==> flow/design.v <==
module storage_rtl (CLK, i_rst, i_wen, i_write_addr, i_wdata, i_rsel_a, i_rsel_b, o_dout_a, o_dout_b);
   parameter ENTRIES = 24;
   parameter XLEN = 16;
   localparam AW = $clog2(ENTRIES);
   input CLK;
   input i_rst;
   input i_wen;
   input [AW-1:0] i_write_addr;
   input [XLEN-1:0] i_wdata;
   input [AW-1:0] i_rsel_a;
   input [AW-1:0] i_rsel_b;
   output [XLEN-1:0] o_dout_a;
   output [XLEN-1:0] o_dout_b;
   reg [XLEN-1:0] ram [0:ENTRIES-1];
   integer k;
   always @(posedge CLK) begin
      if (i_rst) begin
         for (k = 0; k < ENTRIES; k = k + 1)
            ram[k] <= 0;
      end else if (i_wen) begin
         ram[i_write_addr] <= i_wdata;
      end
   end
   reg [XLEN-1:0] r_dout_a;
   always @(posedge CLK) begin
      if (i_rst) begin
         r_dout_a <= 0;
      end else begin
         r_dout_a <= ram[i_rsel_a];
      end
   end
   assign o_dout_a = r_dout_a;
   reg [XLEN-1:0] r_dout_b;
   always @(posedge CLK) begin
      if (i_rst) begin
         r_dout_b <= 0;
      end else begin
         r_dout_b <= ram[i_rsel_b];
      end
   end
   assign o_dout_b = r_dout_b;
endmodule
* Reports on storage_rtl
The steps from the RTL of storage_rtl to its reports follow in flow order. Lines are those of the file above, counted from 1. The mark -- stands for no value.
Inputs: top storage_rtl, clock CLK, standard-cell library sky130hd, library corner tt_025C_1v80

* Elaborated design
Source: Yosys, flattened and elaborated, memories not mapped. Widths are those after wreduce; folded enables and synchronous resets count as part of the registers. Registers that Yosys merges into a memory's read port (data or address) are not register bits. Print and check cells do not count. Equal cells are merged and count once. Yosys's memory passes give these memory sizes; they may raise the number of words (mostly to a power of two), join words into wider ones and drop unused or constant bits.
Word-level totals: RAM bits 512, bits in latches 0, ROM bits 0, elaborated cells 8, memories 1, register bits after elaboration 0, output and inout port bits 32
Memories:
- ram | words 32, bits a word 16, line 14 | reg [XLEN-1:0] ram [0:ENTRIES-1];
Operators by class: bitwise operators 0, magnitude comparators 0, multipliers 0, shift-type cells 0, add/subtract/negate cells 0, equality and inequality tests 0, mux-type cells 7, reduce/logical cells 0, divide/modulo/power cells 0
Operators by type and width (count):
- 16-bit 2-to-1 mux | 2
- 5-bit 2-to-1 mux | 2
- 1-bit 2-to-1 mux | 3

* Depth
Depth = most cells in a row (Yosys ltp): at word level without a register or memory, in the mapped netlist without a sequential cell, where the memories' decode and read muxes count.
Logic depth: depth in word-level cells 2, ABC_AREA 0, mapped depth 8, mapped depth without buffers 4

* Mapped cells and area
Source: synth_stat.txt of the flow (Yosys; design flattened, memories mapped). It holds for the ABC_AREA given above (unset counts as 0); a run with the other value may have another netlist. Totals and module areas in this step are rounded.
Cells by type:
- sky130_fd_sc_hd__edfxtp_1 | count 512, area in all 1.54E+04 um^2
- sky130_fd_sc_hd__mux4_2 | count 197, area in all 4.44E+03 um^2
- sky130_fd_sc_hd__and2_1 | count 386, area in all 2.41E+03 um^2
- sky130_fd_sc_hd__mux2i_1 | count 128, area in all 1.28E+03 um^2
- sky130_fd_sc_hd__mux4_1 | count 26, area in all 683.155 um^2
- sky130_fd_sc_hd__dfxtp_1 | count 32, area in all 640.614 um^2
- sky130_fd_sc_hd__a221o_1 | count 32, area in all 320.307 um^2
- sky130_fd_sc_hd__clkbuf_1 | count 68, area in all 255.245 um^2
- sky130_fd_sc_hd__a22oi_1 | count 32, area in all 240.23 um^2
- sky130_fd_sc_hd__buf_6 | count 20, area in all 225.216 um^2
- sky130_fd_sc_hd__a31oi_1 | count 32, area in all 200.192 um^2
- sky130_fd_sc_hd__a221oi_1 | count 21, area in all 183.926 um^2
- sky130_fd_sc_hd__or2_2 | count 24, area in all 150.144 um^2
- sky130_fd_sc_hd__buf_12 | count 6, area in all 120.115 um^2
- sky130_fd_sc_hd__buf_2 | count 24, area in all 120.115 um^2
- sky130_fd_sc_hd__buf_4 | count 15, area in all 112.608 um^2
- sky130_fd_sc_hd__nor2_1 | count 29, area in all 108.854 um^2
- sky130_fd_sc_hd__o2111ai_1 | count 11, area in all 96.342 um^2
Not listed: further types 24, cells in them 100.
Synthesis totals: cell area after synthesis 27700 um^2, sequential area 16000 um^2, cell count 1695, flip-flops 544

* Worst setup path after synthesis
Path of least setup slack by OpenSTA after synthesis, without wires, with an ideal clock, recovery checks aside; 20% of the period is set as input and as output delay. Where synthesis merged equal registers, the netlist keeps one of their names.
Timing path after synthesis: path type input to register, start point input i_write_addr[1], end point memory (name not given), arrival time 2054 ps, buffers on the path 1, library setup time 388 ps, stages on the path 3, external input delay 582 ps, delay of the path 1860 ps, required time 2522 ps, clock period 2910 ps, path slack 467 ps, period reached after synthesis 2443 ps
"delay of the path" = arrival - input delay + setup time. "stages on the path" counts driving pins, that of a launching flip-flop among them; a cell with two outputs on the path counts twice. "period reached after synthesis" is the clock period less the worst setup slack; recovery checks do not enter. This is arithmetic on one report: input and output delays are still those of the set period (20% each). The rows between start and end are the longest chain of elaborated cells between them; the timing report does not say that the signal goes this way. Where chains are equally long, one stands for them. Each line given opens the expression or statement behind the cell; cells for indexed reads and writes are added by Yosys, which also makes memories of some case tables.
Between the ends, after synthesis: cells stage by stage sky130_fd_sc_hd__or4b_1 -> sky130_fd_sc_hd__buf_2 -> sky130_fd_sc_hd__nor2_1, length of the longest elaborated chain 2
Ends and longest elaborated chain, after synthesis:
- from (decl) | line 8 | input [AW-1:0] i_write_addr;
- 5-bit 2-to-1 mux | line 20 | end else if (i_wen) begin
- 5-bit 2-to-1 mux | line 17 | if (i_rst) begin

* Worst path after layout
Path of least setup slack in the final report of run 1 (OpenROAD, finished layout, wires in). Where an end is a register, its clock arrival counts in the times. The report prints the path's times to 10 ps; the period is as set.
Timing path after layout: path type input to register, start point input i_rsel_a[1], end point register r_dout_a[10], arrival time 3020 ps, buffers on the path 4, path slack 470 ps, clock period 2910 ps, required time 3490 ps, library setup time 50 ps, external input delay 580 ps, stages on the path 8
Between the ends, after layout: cells stage by stage sky130_fd_sc_hd__buf_6 -> sky130_fd_sc_hd__buf_12 -> sky130_fd_sc_hd__buf_4 -> sky130_fd_sc_hd__mux4_2 -> sky130_fd_sc_hd__mux2i_1 -> sky130_fd_sc_hd__a221o_1 -> sky130_fd_sc_hd__a31oi_1 -> sky130_fd_sc_hd__buf_4
Ends and longest elaborated chain, after layout:
- from (decl) | line 10 | input [AW-1:0] i_rsel_a;
- to (decl) | line 24 | reg [XLEN-1:0] r_dout_a;
Chain of elaborated cells between the ends: none given.

## Implementation results

Top module storage_rtl; platform sky130hd; tools Yosys and OpenROAD; 3 stored runs in no particular order. Input and output delays are each 20% of the period that was set; the output load is 0.01 pF.
"achieved clock period" = clock period - worst setup slack. The figure is calculated, with input and output delays left at 20% of the set period.
By "time used up by the worst setup path" is meant the share of the clock period that the worst setup path is allowed (20% is reserved at inputs, 20% at outputs), minus its slack. Clock arrival times at its registers enter into it.
"total power after layout" rests on the timing tool's default activity at the inputs, not on a simulated workload.
"time used up by the worst setup path" is given in steps of 10 ps.
Measured values are rounded.

* Run 1 | settings: period_ns 2.91; CAP_MARGIN 20; CORE_MARGIN 2; CORE_UTILIZATION 40; SLEW_MARGIN 20 | results: total power after layout 0.0188 W; final utilization 46.6%; achieved clock period 2444 ps; area inside the die boundary 71300 um^2; total negative setup slack 0 ps; time used up by the worst setup path 1860 ps; type of the worst setup path input to register; setup slack of the worst path 466 ps; worst hold slack 779 ps; standard-cell area after layout 32000 um^2; mapped cell area after synthesis 27700 um^2
* Run 2 | settings: period_ns 1.67; CORE_UTILIZATION 19; PLACE_DENSITY_LB_ADDON 0.27; CELL_PAD_IN_SITES_GLOBAL_PLACEMENT 1; CELL_PAD_IN_SITES_DETAIL_PLACEMENT 0; TNS_END_PERCENT 50; GPL_TIMING_DRIVEN 1; CTS_CLUSTER_SIZE 53; CTS_CLUSTER_DIAMETER 26; MIN_ROUTING_LAYER met1; MAX_ROUTING_LAYER met4; CAP_MARGIN 20; CORE_MARGIN 2; SLEW_MARGIN 20 | results: total power after layout 0.0514 W; final utilization 27.1%; achieved clock period 1816 ps; area inside the die boundary 149000 um^2; total negative setup slack -1040 ps; time used up by the worst setup path 1820 ps; type of the worst setup path register to register; setup slack of the worst path -146 ps; worst hold slack 264 ps; standard-cell area after layout 39400 um^2; mapped cell area after synthesis 27700 um^2
* Run 3 | settings: period_ns 2.77; CORE_UTILIZATION 54; SETUP_SLACK_MARGIN 0.75; PLACE_DENSITY_LB_ADDON 0.12; CTS_CLUSTER_SIZE 81; CAP_MARGIN 20; MAX_ROUTING_LAYER met4; CORE_MARGIN 2; SLEW_MARGIN 20 | results: total power after layout 0.0193 W; final utilization 62.6%; achieved clock period 2005 ps; area inside the die boundary 53000 um^2; total negative setup slack 0 ps; time used up by the worst setup path 2010 ps; type of the worst setup path register to register; setup slack of the worst path 765 ps; worst hold slack 647 ps; standard-cell area after layout 31500 um^2; mapped cell area after synthesis 27700 um^2
